==> flow/design.v <==
module u_shifter_top #(
   parameter integer BITS = 96,
   parameter integer LG = $clog2(BITS)
) (
   input  core_clk,
   input  RST,
   input  signed [BITS-1:0] i_d,
   input  [LG-1:0] i_count,
   output [BITS-1:0] o_z_o
);
   reg signed [BITS-1:0] d_reg;
   reg [LG-1:0] count_reg;
   reg signed [BITS-1:0] t_reg;
   reg [1:0] count_reg_lo;
   reg [BITS-1:0] z_o_reg;
   assign o_z_o = z_o_reg;
   always @(posedge core_clk) begin
      if (RST) begin
         d_reg <= 0;
         count_reg <= 0;
         t_reg <= 0;
         count_reg_lo <= 0;
         z_o_reg <= 0;
      end else begin
         d_reg <= i_d;
         count_reg <= i_count;
         t_reg <= d_reg >>> {count_reg[LG-1:2], 2'b00};
         count_reg_lo <= count_reg[1:0];
         z_o_reg <= t_reg >>> count_reg_lo;
      end
   end
endmodule
# == Step by step through the tools: u_shifter_top ==
# The steps from the RTL of u_shifter_top to its reports follow in flow order.
# Line numbers count from 1 in the design file above.
# Cell names lack the library's common part.
# A cell with - has no value.
# inputs
top_module,u_shifter_top
clock,core_clk
library,sky130hd
lib_corner,tt_025C_1v80

# == Word-level counts ==
# Source: Yosys, flattened and elaborated, memories not mapped. Widths are those after wreduce; folded enables and synchronous resets count as part of the registers. Registers that Yosys merges into a memory's read port (data or address) are not register bits. Print and check cells do not count. Equal cells are merged and count once.
# word_totals
register_bits,297
in_bits,105
out_inout_bits,96
elab_cells,7
# op_classes
shifts,2
# ops
op,n
96-bit by 2-bit >>> shifter with 96-bit output,1
96-bit by 7-bit >>> shifter with 96-bit output,1

# == Depth ==
# Yosys ltp: most cells in a row. Word level: on the elaborated netlist, between registers, memories and ports. Mapped: between sequential cells and ports; inverters and the memories' decode and read muxes count.
# logic_depth
ltp_word,1
abc_area,0
mapped_depth,9
depth_no_buf,5

# == Mapped cells and area ==
# The flow's flattened synthesis, as Yosys stat reports it; memories are mapped. The netlist is that of the ABC_AREA named above (0 if unset); the other value can give another one.
# The area totals of this step are shown rounded.
# mapped
cell_count,1345
synth_area_mm2,0.015
seqArea_mm2,0.0059
ffs,297
buffers,122
# by_type
cell_type,n,type_area_um2
dfxtp_1,297,5.95E+03
mux4_2,134,3.02E+03
nor2b_1,204,1.28E+03
mux2i_1,108,1.08E+03
nand2_1,96,360.346
mux2_2,28,315.302
nor2_1,69,258.998
a21oi_1,50,250.24
clkbuf_1,55,206.448
buf_2,40,200.192
o21ai_1,37,185.178
buf_6,12,135.13
o211ai_1,17,127.622
mux2_1,11,123.869
o21ai_0,24,120.115
a31oi_1,17,106.352
a22oi_1,13,97.594
o22ai_1,12,75.072
# Not listed: further types 39, cells in them 121.

# == Path before layout ==
# OpenSTA on the mapped netlist: ideal clock, no wires. The path of least setup slack (recovery checks aside). Input and output delay are each 20% of the period. Register names are those of the netlist, which keeps one name where synthesis merged equal registers.
# synth_path
path_kind,register to register
from,register count_reg[3]
to,register t_reg[36]
period_ns,2.28
setup_time_ns,0.130
launch_ns,0.000
arrival_ns,1.695
required_time_ns,2.150
slack_ns,0.455
delay_ns,1.825
driving_pins,8
path_buffers,2
synth_period_reached_ns,1.825
# "delay_ns" = arrival - input delay + setup time.
# "driving_pins" counts driving pins, that of a launching flip-flop among them; a cell with two outputs on the path counts twice.
# "synth_period_reached_ns" is the clock period less the worst setup slack; recovery checks do not enter. This is arithmetic on one report: input and output delays are still those of the set period (20% each).
# The rows between start and end are the longest chain of elaborated cells between them; the timing report does not say that the signal goes this way. Where chains are equally long, one stands for them.
# A line is the first line of the expression or statement that the cell stems from. Yosys adds cells for indexed reads and writes and turns some case tables into memories.
# synth_via
path_cell_list,dfxtp_1 > buf_6 > buf_2 > mux2_1 > a222oi_1 > nor2_1 > a31oi_1 > o21ai_1
elab_chain_len,1
cells_between,1
cone_lines,1
classes_between,shift: 1
# synth_lines
item,line,source
start: declaration,12,reg [LG-1:0] count_reg;
start: assignment,20,count_reg <= 0;
start: assignment,26,count_reg <= i_count;
96-bit by 7-bit >>> shifter with 96-bit output,27,"t_reg <= d_reg >>> {count_reg[LG-1:2], 2'b00};"
end: assignment,21,t_reg <= 0;
end: assignment,27,
end: declaration,13,reg signed [BITS-1:0] t_reg;

# == Timing after layout ==
# Path of least setup slack in the final report of run A (OpenROAD, finished layout, wires in). Where an end is a register, its clock arrival counts in the times.
# layout_path
path_kind,register to register
from,register count_reg[2]
to,register t_reg[23]
period_ns,3.2
setup_time_ns,0.14
launch_ns,0.56
arrival_ns,3.15
required_time_ns,3.61
slack_ns,0.46
driving_pins,6
path_buffers,0
# The rows between start and end are the longest chain of elaborated cells between them; the timing report does not say that the signal goes this way. Where chains are equally long, one stands for them.
# layout_via
path_cell_list,dfxtp_2 > mux2_2 > o31ai_1 > o21ai_0 > a221oi_1 > nor2_1
elab_chain_len,1
cells_between,1
cone_lines,1
classes_between,shift: 1
# layout_lines
item,line,source
start: declaration,12,reg [LG-1:0] count_reg;
start: assignment,20,count_reg <= 0;
start: assignment,26,count_reg <= i_count;
96-bit by 7-bit >>> shifter with 96-bit output,27,"t_reg <= d_reg >>> {count_reg[LG-1:2], 2'b00};"
end: assignment,21,t_reg <= 0;
end: assignment,27,
end: declaration,13,reg signed [BITS-1:0] t_reg;

# u_shifter_top through Yosys and OpenROAD on sky130hd: 3 stored runs, unordered, with their settings and measured results. The constraints put input and output delay at 20% of the set period each and load the outputs with 0.01 pF.
# "period_less_ws_ns" is the run's clock period less its worst setup slack. It is reckoned from that one timing run; input and output delays stay at 20% of the period that was set.
# "worstPathTime_ns": the worst setup path's part of the clock period (all of it between registers, 20% less for each end at a port) less its slack. A launch clock that arrives late makes it longer, a capture clock that arrives late makes it shorter.
# By "final_power_mw" is meant OpenSTA's value without simulated activity: inputs other than the clock are taken to toggle once in ten clock periods, and the tool carries that through the logic.
# The results are shown rounded.
# A setting shown as - is not set for that run.
# A result given as - is not shown for that run.
run,period_ns,CORE_UTILIZATION,SETUP_SLACK_MARGIN,PLACE_DENSITY,CORE_ASPECT_RATIO,SLEW_MARGIN,MAX_ROUTING_LAYER,CAP_MARGIN,CORE_MARGIN,HOLD_SLACK_MARGIN,CELL_PAD_IN_SITES_GLOBAL_PLACEMENT,CELL_PAD_IN_SITES_DETAIL_PLACEMENT,GPL_TIMING_DRIVEN,CTS_CLUSTER_SIZE,MIN_ROUTING_LAYER,period_less_ws_ns,util_pct,timing.hold.ws_ns,fin_tns_ns,finalCellArea_mm2,worstPathTime_ns,critical_path_kind,ws_setup_ns,final_power_mw,ys_area_mm2,dieArea_mm2
run A,3.2,45,-0.21,0.35,0.7,25,met4,20,2,-,-,-,-,-,-,2.745,56,0.37,0.000,0.018,2.74,register to register,0.46,9.4,0.015,0.034
run B,2.28,40,-,-,-,20,-,20,2,-,-,-,-,-,-,2.294,53,0.22,-0.014,0.019,2.29,register to register,-0.014,14,0.015,0.039
run C,2.47,48,0.54,0.9,-,20,met5,20,2,-0.01,2,2,0,53,met2,-,-,-,-,-,-,-,-,-,-,-
# Run C: did not finish, clock tree synthesis stopped with DPL-0033
